==> flow/design.v <==
module u_chooser_sel2 #(parameter N = 1) (
    input wire [N-1:0] a,
    input wire [N-1:0] b,
    input wire s,
    output wire [N-1:0] y
);
    assign y = (a & {N{~s}}) | (b & {N{s}});
endmodule
module u_chooser #(
    parameter integer DW = 4,
    parameter integer COUNT = 32,
    parameter integer SEL_W = $clog2(COUNT)
) (
    input  wire ck,
    input  wire rst_ni,
    input  wire enable,
    input  wire [COUNT*DW-1:0] i_in,
    input  wire [SEL_W-1:0] i_choose,
    output reg [DW-1:0] o_z_o
);
    wire [DW-1:0] nd [1:2*COUNT-1];
    genvar i;
    generate
        for (i = 0; i < COUNT; i = i + 1) begin : gen
            assign nd[COUNT+i] = i_in[i*DW +: DW];
        end
        for (i = 1; i < COUNT; i = i + 1) begin : each
            u_chooser_sel2 #(.N(DW)) unit (.a(nd[2*i]), .b(nd[2*i+1]), .s(i_choose[SEL_W - $clog2(i+1)]), .y(nd[i]));
        end
    endgenerate
    always @(posedge ck or negedge rst_ni) begin
        if (~rst_ni) begin
            o_z_o <= 0;
        end else if (enable) begin
            o_z_o <= nd[1];
        end
    end
endmodule
# Tool chain data of u_chooser

The steps from the RTL of u_chooser to its reports follow in flow order.
Lines are those of the file above, counted from 1.
Library cell names are shortened.
The mark n/a stands for no value.

Top module: u_chooser
Clock port: ck
Standard-cell library: sky130hd
Library corner: tt_025C_1v80

# Word level

Counts by Yosys on the flattened word-level netlist (proc, flatten, opt, wreduce; memories kept). Register bits leave out memories and registers merged into their read ports (data or address); mux counts leave out enables and synchronous resets folded into registers. Print and check cells are left out. Cells with the same type and inputs are merged into one.

Bitwise gates (word level): 98

Operator list:

| kind           | number |
| 4-bit AND      | 62 |
| 4-bit OR       | 31 |
| 1-bit inverter | 5 |

Input bits: 136
Cells after elaboration: 99
Bits in registers: 4

# Depth

Depth = most cells in a row (Yosys ltp): at word level without a register or memory, in the mapped netlist without a sequential cell, where the memories' decode and read muxes count.

Depth in word-level cells: 11
ABC_AREA: 0
Depth in mapped cells: 7
Mapped depth without buffers: 5

# Netlist

The flow's flattened synthesis, as Yosys stat reports it; memories are mapped. The netlist is that of the ABC_AREA named above (0 if unset); the other value can give another one.

Cell types:

| type     | number | area in all (sq um) |
| mux2i_1  | 64     | 640.614 |
| a22oi_1  | 32     | 240.23 |
| dfrtp_1  | 4      | 100.096 |
| a21oi_1  | 16     | 80.077 |
| buf_6    | 4      | 45.043 |
| mux2_2   | 4      | 45.043 |
| buf_12   | 2      | 40.038 |
| buf_2    | 6      | 30.029 |
| nor4_1   | 4      | 25.024 |
| buf_8    | 1      | 15.014 |
| nand2b_1 | 2      | 12.512 |
| nor2b_1  | 2      | 12.512 |
| and2_1   | 1      | 6.256 |
| or2_2    | 1      | 6.256 |
| clkbuf_2 | 1      | 5.005 |
| nand2_1  | 1      | 3.754 |
| nor2_1   | 1      | 3.754 |

Cell area after synthesis: 0.0013113 sq mm
Cells in the netlist: 146
Buffers: 14
Flip-flop cells: 4

By module: a second synthesis without flattening, with its own total; a netlist apart from the flattened one above.

Cell total of the unflattened synthesis: 132
Area (unflattened synthesis): 0.0015415 sq mm

Rows give one instance, submodules left out.

By module:

| module                 | cells | area (sq mm) | times used |
| (no name shown) #(N=4) | 4     | 0.000045     | 31 |
| (no name shown)        | 8     | 0.0001451    | 1 |

# Timing after synthesis

Source: OpenSTA report_checks on the synthesized netlist (no wires, ideal clock, input and output delay 20% of the period each), path of least setup slack; recovery checks are left aside. Register names are those of the netlist, which keeps one name where synthesis merged equal registers.

Path kind: input to register
From: input (no name shown)
To: register o_z_o[1]
Path delay: 1,155 ps
Slack: 285 ps
Path buffers: 1
Required time: 1,675 ps
Library setup time: 125 ps
Arrival time: 1,390 ps
Time at the first pin: 360 ps
External input delay: 360 ps
Period: 1,800 ps
Stages: 6
Period reached after synthesis: 1,515 ps

"path delay" = arrival - input delay + setup time.
"stages" counts driving pins, that of a launching flip-flop among them; a cell with two outputs on the path counts twice.
"period reached after synthesis" is the clock period less the worst setup slack; recovery checks do not enter. This is arithmetic on one report: input and output delays are still those of the set period (20% each).
Between the ends stands the longest chain of elaborated cells between them, by number of cells; it is not shown to be the way that was timed. Of several equally long chains one is given.
Each line given opens the expression or statement behind the cell; cells for indexed reads and writes are added by Yosys, which also makes memories of some case tables.

Path through: nor2_1 buf_2 a22oi_1 a21oi_1 nor4_1 mux2_2
Length of the longest elaborated chain: 9

RTL lines, path after synthesis:

| what           | line | RTL |
| from (decl)    | 18   |  |
| 1-bit inverter | 7    | `assign y = (a & {N{~s}}) \| (b & {N{s}});` |
| 4-bit AND      | 7    |  |
| 4-bit OR       | 7    |  |
| 4-bit AND      | 7    |  |
| 4-bit OR       | 7    |  |
| 4-bit AND      | 7    |  |
| 4-bit OR       | 7    |  |
| 4-bit AND      | 7    |  |
| 4-bit OR       | 7    |  |
| to (assign)    | 33   | `o_z_o <= 0;` |
| to (assign)    | 35   | `o_z_o <= nd[1];` |
| to (decl)      | 19   | `output reg [DW-1:0] o_z_o` |

# Timing after layout

Path of least setup slack in the final report of flow run 3 (OpenROAD, finished layout, wires in). Where an end is a register, its clock arrival counts in the times.
The path's times are printed in steps of 10 ps; the period is the one set.

Path kind: input to register
From: input (no name shown)
To: register o_z_o[0]
Time at the first pin: 360 ps
Slack: 110 ps
Required time: 1,990 ps
Stages: 7
Arrival time: 1,870 ps
External input delay: 360 ps
Period: 1,800 ps
Library setup time: 60 ps
Path buffers: 2

Between the ends stands the longest chain of elaborated cells between them, by number of cells; it is not shown to be the way that was timed. Of several equally long chains one is given.

Path through: dlygate4sd2_1 and2_1 buf_4 a22oi_1 a21oi_1 nor4_2 mux2_2
Length of the longest elaborated chain: 7

RTL lines, path post-layout:

| what           | line | RTL |
| from (decl)    | 18   |  |
| 1-bit inverter | 7    | `assign y = (a & {N{~s}}) \| (b & {N{s}});` |
| 4-bit AND      | 7    |  |
| 4-bit OR       | 7    |  |
| 4-bit AND      | 7    |  |
| 4-bit OR       | 7    |  |
| 4-bit AND      | 7    |  |
| 4-bit OR       | 7    |  |
| to (assign)    | 33   | `o_z_o <= 0;` |
| to (assign)    | 35   | `o_z_o <= nd[1];` |
| to (decl)      | 19   | `output reg [DW-1:0] o_z_o` |

--- measured runs ---
3 stored runs of u_chooser in the flow (synthesis by Yosys, layout by OpenROAD, sky130hd cells), in arbitrary order. Constraints: input delay and output delay 20% of the set period each, output load 0.01 pF.
"period achieved": clock period set for the run, less the worst setup slack. It is reckoned from that one timing run; input and output delays stay at 20% of the period that was set.
"worst setup path time" = time allowed to the worst setup path (clock period - input delay - output delay, where it has them) - its slack; a late launch clock adds to it, a late capture clock takes from it.
"overall power" is the tool's figure for a default switching activity; nothing was simulated.
"worst setup path time" is known to 10 ps.

## Flow run 1

==> flow/run.sh <==
#!/bin/bash
# the make line also repeats the synthesis and layout settings of config.mk as NAME=value (left out here)
make -C /OpenROAD-flow-scripts/flow DESIGN_CONFIG=/design/flow/config.mk WORK_HOME=/design/flow/orfs CLKGATE_MAP_FILE= finish
==> flow/config.mk <==
export PLATFORM = sky130hd
export DESIGN_NAME = u_chooser
export DESIGN_NICKNAME = u_chooser
export VERILOG_FILES = /design/flow/design.v
export SDC_FILE = /design/flow/constraint.sdc
export NUM_CORES = 4
export LEC_CHECK = 0
export CAP_MARGIN = 20
export CORE_MARGIN = 3
export CORE_UTILIZATION = 47
export GPL_ROUTABILITY_DRIVEN = 1
export GPL_TIMING_DRIVEN = 0
export MAX_ROUTING_LAYER = met5
export MIN_ROUTING_LAYER = met1
export PLACE_DENSITY = 0.5
export SETUP_SLACK_MARGIN = 0.15
export SLEW_MARGIN = 15
export TNS_END_PERCENT = 15
==> flow/constraint.sdc <==
create_clock -name core_clock -period 1.97 [get_ports {ck}]
set_input_delay 0.3940 -clock core_clock [delete_from_list [all_inputs] [get_ports {ck}]]
set_output_delay 0.3940 -clock core_clock [all_outputs]
set_load 0.01 [all_outputs]

Flow run 1: not finished: placement ended with error GPL-0301

## Flow run 2

==> flow/run.sh <==
#!/bin/bash
# the make line also repeats the synthesis and layout settings of config.mk as NAME=value (left out here)
make -C /OpenROAD-flow-scripts/flow DESIGN_CONFIG=/design/flow/config.mk WORK_HOME=/design/flow/orfs CLKGATE_MAP_FILE= finish
==> flow/config.mk <==
export PLATFORM = sky130hd
export DESIGN_NAME = u_chooser
export DESIGN_NICKNAME = u_chooser
export VERILOG_FILES = /design/flow/design.v
export SDC_FILE = /design/flow/constraint.sdc
export NUM_CORES = 4
export LEC_CHECK = 0
export ABC_AREA = 0
export CAP_MARGIN = 20
export CELL_PAD_IN_SITES_GLOBAL_PLACEMENT = 1
export CORE_MARGIN = 2
export CORE_UTILIZATION = 55
export CTS_CLUSTER_DIAMETER = 71
export GPL_ROUTABILITY_DRIVEN = 0
export HOLD_SLACK_MARGIN = 0.14
export MIN_ROUTING_LAYER = met1
export PLACE_DENSITY_LB_ADDON = 0.19
export SLEW_MARGIN = 15
==> flow/constraint.sdc <==
create_clock -name core_clock -period 1.12 [get_ports {ck}]
set_input_delay 0.2240 -clock core_clock [delete_from_list [all_inputs] [get_ports {ck}]]
set_output_delay 0.2240 -clock core_clock [all_outputs]
set_load 0.01 [all_outputs]

Flow run 2: not finished: placement ended with error FLW-0024

## Flow run 3

==> flow/run.sh <==
#!/bin/bash
# the make line also repeats the synthesis and layout settings of config.mk as NAME=value (left out here)
make -C /OpenROAD-flow-scripts/flow DESIGN_CONFIG=/design/flow/config.mk WORK_HOME=/design/flow/orfs CLKGATE_MAP_FILE= finish
==> flow/config.mk <==
export PLATFORM = sky130hd
export DESIGN_NAME = u_chooser
export DESIGN_NICKNAME = u_chooser
export VERILOG_FILES = /design/flow/design.v
export SDC_FILE = /design/flow/constraint.sdc
export NUM_CORES = 4
export LEC_CHECK = 0
export CAP_MARGIN = 20
export CORE_MARGIN = 2
export CORE_UTILIZATION = 40
export SLEW_MARGIN = 20
==> flow/constraint.sdc <==
create_clock -name core_clock -period 1.8 [get_ports {ck}]
set_input_delay 0.3600 -clock core_clock [delete_from_list [all_inputs] [get_ports {ck}]]
set_output_delay 0.3600 -clock core_clock [all_outputs]
set_load 0.01 [all_outputs]

| result of flow run 3 | value |
|---|---|
| post-synthesis cell area | 0.0013113 sq mm |
| utilization after layout | 89.6% |
| total negative slack on setup checks | 0 ps |
| period achieved | 1,685 ps |
| overall power | 883.4 µW |
| die size | 0.0037522 sq mm |
| lowest setup slack | 115 ps |
| worst setup path time | 1,330 ps |
| class of the worst setup path | input to register |
--- end ---
